==> flow/design.v <==
module reg_bank_rtl #(
    parameter int NUM_REGS = 96,
    parameter int W = 6,
    parameter int AW = $clog2(NUM_REGS)
) (
    input logic clk_i,
    input logic i_rst,
    input logic wr_in,
    input logic [AW-1:0] wsel_in,
    input logic [W-1:0] wd_in,
    input logic [AW-1:0] read_addr1_in,
    input logic [AW-1:0] read_addr2_in,
    output logic [W-1:0] rd1_out,
    output logic [W-1:0] rd2_out
);
    logic [W-1:0] array [NUM_REGS-1:0];
    always_ff @(posedge clk_i) begin
        if (wr_in)
            array[wsel_in] <= wd_in;
    end
    logic [W-1:0] rd1_s;
    assign rd1_out = rd1_s;
    logic [W-1:0] rd2_s;
    assign rd2_out = rd2_s;
    always_ff @(posedge clk_i) begin
        if (i_rst) begin
            rd1_s <= '0;
            rd2_s <= '0;
        end else begin
            rd1_s <= (wr_in && wsel_in == read_addr1_in) ? wd_in : array[read_addr1_in];
            rd2_s <= (wr_in && wsel_in == read_addr2_in) ? wd_in : array[read_addr2_in];
        end
    end
endmodule
### Reports on reg_bank_rtl

The steps from the RTL of reg_bank_rtl to its reports follow in flow order.
Lines are those of the file above, counted from 1.
Not given: --

* design top: reg_bank_rtl
* clock port: clk_i
* cell library: sky130hd
* timing corner: tt_025C_1v80

### Word level

Counts by Yosys on the flattened word-level netlist (proc, flatten, opt, wreduce; memories kept). Register bits leave out memories and registers merged into their read ports (data or address); mux counts leave out enables and synchronous resets folded into registers. Print and check cells are left out. Cells with the same type and inputs are merged into one.
Yosys's memory passes give these memory sizes; they may raise the number of words (mostly to a power of two), join words into wider ones and drop unused or constant bits.

* bits of input ports: 30
* memory cells: 1
* output and inout bits: 12
* elaborated cells: 4
* bits in writable memories: 576
* flip-flop bits (word level): 0
* word width x clocked read ports: 12

* multiplexer cells: 3

Memory list
* array: depth 96, width 6, read ports 2, wr ports 1, line 16 `logic [W-1:0] array [NUM_REGS-1:0];`

Operator list (count)
* 7-bit two-way mux: 1
* 6-bit two-way mux: 1
* 1-bit two-way mux: 1

### Longest topological paths

Yosys ltp: most cells in a row. Word level: on the elaborated netlist, between registers, memories and ports. Mapped: between sequential cells and ports; inverters and the memories' decode and read muxes count.

* depth in word-level cells: 1
* ABC_AREA: 0
* gate-level depth with buffers: 11
* mapped depth without buffers: 6

### Mapped cells and area

The flow's flattened synthesis, as Yosys stat reports it; memories are mapped. The netlist is that of the ABC_AREA named above (0 if unset); the other value can give another one.
The area totals of this step are shown rounded.

Cells by type
* sky130_fd_sc_hd__edfxtp_1: count 576, total area 1.73E+04 um^2
* sky130_fd_sc_hd__mux4_2: count 231, total area 5202.49 um^2
* sky130_fd_sc_hd__mux2i_1: count 156, total area 1.56E+03 um^2
* sky130_fd_sc_hd__nor2_1: count 115, total area 431.664 um^2
* sky130_fd_sc_hd__a22oi_1: count 48, total area 360.346 um^2
* sky130_fd_sc_hd__buf_6: count 30, total area 337.824 um^2
* sky130_fd_sc_hd__mux4_1: count 10, total area 262.752 um^2
* sky130_fd_sc_hd__dfxtp_1: count 12, total area 240.23 um^2
* sky130_fd_sc_hd__buf_4: count 29, total area 217.709 um^2
* sky130_fd_sc_hd__a21oi_1: count 40, total area 200.192 um^2
* sky130_fd_sc_hd__nand2_1: count 53, total area 198.941 um^2
* sky130_fd_sc_hd__buf_12: count 7, total area 140.134 um^2
* sky130_fd_sc_hd__nor2b_1: count 22, total area 137.632 um^2
* sky130_fd_sc_hd__mux2_2: count 12, total area 135.13 um^2
* sky130_fd_sc_hd__a311oi_1: count 14, total area 122.618 um^2
* sky130_fd_sc_hd__o22ai_1: count 18, total area 112.608 um^2
* sky130_fd_sc_hd__xor2_1: count 12, total area 105.101 um^2
* sky130_fd_sc_hd__clkbuf_1: count 27, total area 101.347 um^2

Not listed: further types 43, cells in them 163.

* chip area (Yosys): 28300 um^2
* sequential part of the area: 17500 um^2
* buffers: 117
* cell count: 1575
* mapped flip-flops: 588

### Path before layout

OpenSTA on the mapped netlist: ideal clock, no wires. The path of least setup slack (recovery checks aside). Input and output delay are each 20% of the period. Register names are those of the netlist, which keeps one name where synthesis merged equal registers.

* path kind: input port to flip-flop
* start: in read_addr1_in[1]
* end: reg rd1_s[0]
* delay of the path: 1752 ps
* time at the first pin: 548 ps
* data required time: 2605 ps
* clock period: 2740 ps
* external input delay: 548 ps
* library setup time: 135 ps
* arrival time: 2165 ps
* stages: 8
* path buffers: 2
* slack: 440 ps
* period reached after synthesis: 2300 ps

"delay of the path" is the arrival time less input delay plus setup time.
"stages" counts driving pins, that of a launching flip-flop among them; a cell with two outputs on the path counts twice.
"period reached after synthesis" = period - worst setup slack (recovery checks aside). The figure is calculated, with input and output delays left at 20% of the set period.

* path through: sky130_fd_sc_hd__buf_6 > sky130_fd_sc_hd__buf_12 > sky130_fd_sc_hd__mux4_1 > sky130_fd_sc_hd__mux4_2 > sky130_fd_sc_hd__nor2b_1 > sky130_fd_sc_hd__nor4_1 > sky130_fd_sc_hd__a31oi_1 > sky130_fd_sc_hd__a311oi_1

RTL lines, path post-synthesis
* start, declared: line 11 `input logic [AW-1:0] read_addr1_in,`
* end, declared: line 21 `logic [W-1:0] rd1_s;`

Chain of elaborated cells between the ends: none given.

### Timing after layout

Path of least setup slack in the final report of entry A (OpenROAD, finished layout, wires in). Where an end is a register, its clock arrival counts in the times.
The report prints the path's times to 10 ps; the period is as set.

* path kind: flip-flop to flip-flop
* start: mem array[28][5]
* end: reg rd2_s[5]
* library setup time: 150 ps
* path buffers: 2
* arrival time: 3060 ps
* stages: 9
* clock period: 2740 ps
* slack: 140 ps
* data required time: 3200 ps
* time at the first pin: 610 ps

* path through: sky130_fd_sc_hd__edfxtp_1 > sky130_fd_sc_hd__mux4_2 > sky130_fd_sc_hd__mux2_2 > sky130_fd_sc_hd__a221oi_1 > sky130_fd_sc_hd__buf_4 > sky130_fd_sc_hd__a2111oi_0 > sky130_fd_sc_hd__buf_4 > sky130_fd_sc_hd__a21oi_1 > sky130_fd_sc_hd__a311oi_1

RTL lines, path post-layout
* start, declared: line 16 `logic [W-1:0] array [NUM_REGS-1:0];`
* end, declared: line 23 `logic [W-1:0] rd2_s;`

Chain of elaborated cells between the ends: none given.

Subject: reg_bank_rtl on sky130hd, stored results

Hello all,

Settings and measured results of 3 stored flow runs for module reg_bank_rtl (sky130hd), not sorted in any way. The constraints put input and output delay at 20% of the set period each and load the outputs with 0.01 pF.
By "clock period achieved" is meant the clock period of the run minus its worst setup slack. This is arithmetic on one report: input and output delays are still those of the set period (20% each).
"critical setup path time": the worst setup path's part of the clock period (all of it between registers, 20% less for each end at a port) less its slack. A launch clock that arrives late makes it longer, a capture clock that arrives late makes it shorter.
"total power of the final layout": no workload was simulated; the value follows from the tool's default switching activity.
"critical setup path time" is given in steps of 10 ps.
Values from the reports are rounded here.

### Entry A

Settings: `period_ns=2.74`, `CAP_MARGIN=20`, `CORE_MARGIN=2`, `CORE_UTILIZATION=40`, `SLEW_MARGIN=20`

- Cell area after synthesis: 28300 um^2
- Area of the die: 72800 um^2
- Standard-cell area after layout: 33800 um^2
- Final utilization: 0.482
- Lowest setup slack: 142 ps
- Setup total negative slack: 0 ps
- Worst hold slack after layout: 223 ps
- Total power of the final layout: 20.7 mW
- Clock period achieved: 2598 ps
- Critical setup path time: 2600 ps
- Type of the worst setup path: flip-flop to flip-flop

### Entry B

Settings: `period_ns=1.54`, `CORE_UTILIZATION=38`, `SETUP_SLACK_MARGIN=-0.02`, `PLACE_DENSITY_LB_ADDON=0.07`, `CORE_ASPECT_RATIO=1.3`, `CELL_PAD_IN_SITES_GLOBAL_PLACEMENT=1`, `CTS_CLUSTER_DIAMETER=234`, `CAP_MARGIN=15`, `SLEW_MARGIN=20`, `MAX_ROUTING_LAYER=met5`, `CORE_MARGIN=2`

- Cell area after synthesis: 28300 um^2
- Area of the die: 76600 um^2
- Standard-cell area after layout: 36500 um^2
- Final utilization: 0.493
- Lowest setup slack: -659 ps
- Setup total negative slack: -6310 ps
- Worst hold slack after layout: 83 ps
- Total power of the final layout: 36.5 mW
- Clock period achieved: 2199 ps
- Critical setup path time: 1890 ps
- Type of the worst setup path: input port to flip-flop

### Entry C

Settings: `period_ns=1.56`, `CORE_UTILIZATION=35`, `PLACE_DENSITY_LB_ADDON=0.19`, `CORE_MARGIN=9`, `CELL_PAD_IN_SITES_GLOBAL_PLACEMENT=0`, `CELL_PAD_IN_SITES_DETAIL_PLACEMENT=2`, `TNS_END_PERCENT=65`, `ABC_AREA=0`, `CTS_CLUSTER_SIZE=52`, `CTS_CLUSTER_DIAMETER=92`, `MAX_ROUTING_LAYER=met5`, `CAP_MARGIN=20`, `SLEW_MARGIN=20`

- Cell area after synthesis: 28300 um^2
- Area of the die: 91300 um^2
- Standard-cell area after layout: 35700 um^2
- Final utilization: 0.449
- Lowest setup slack: -772 ps
- Setup total negative slack: -10400 ps
- Worst hold slack after layout: 63 ps
- Total power of the final layout: 32.3 mW
- Clock period achieved: 2332 ps
- Critical setup path time: 2330 ps
- Type of the worst setup path: flip-flop to flip-flop

Thanks
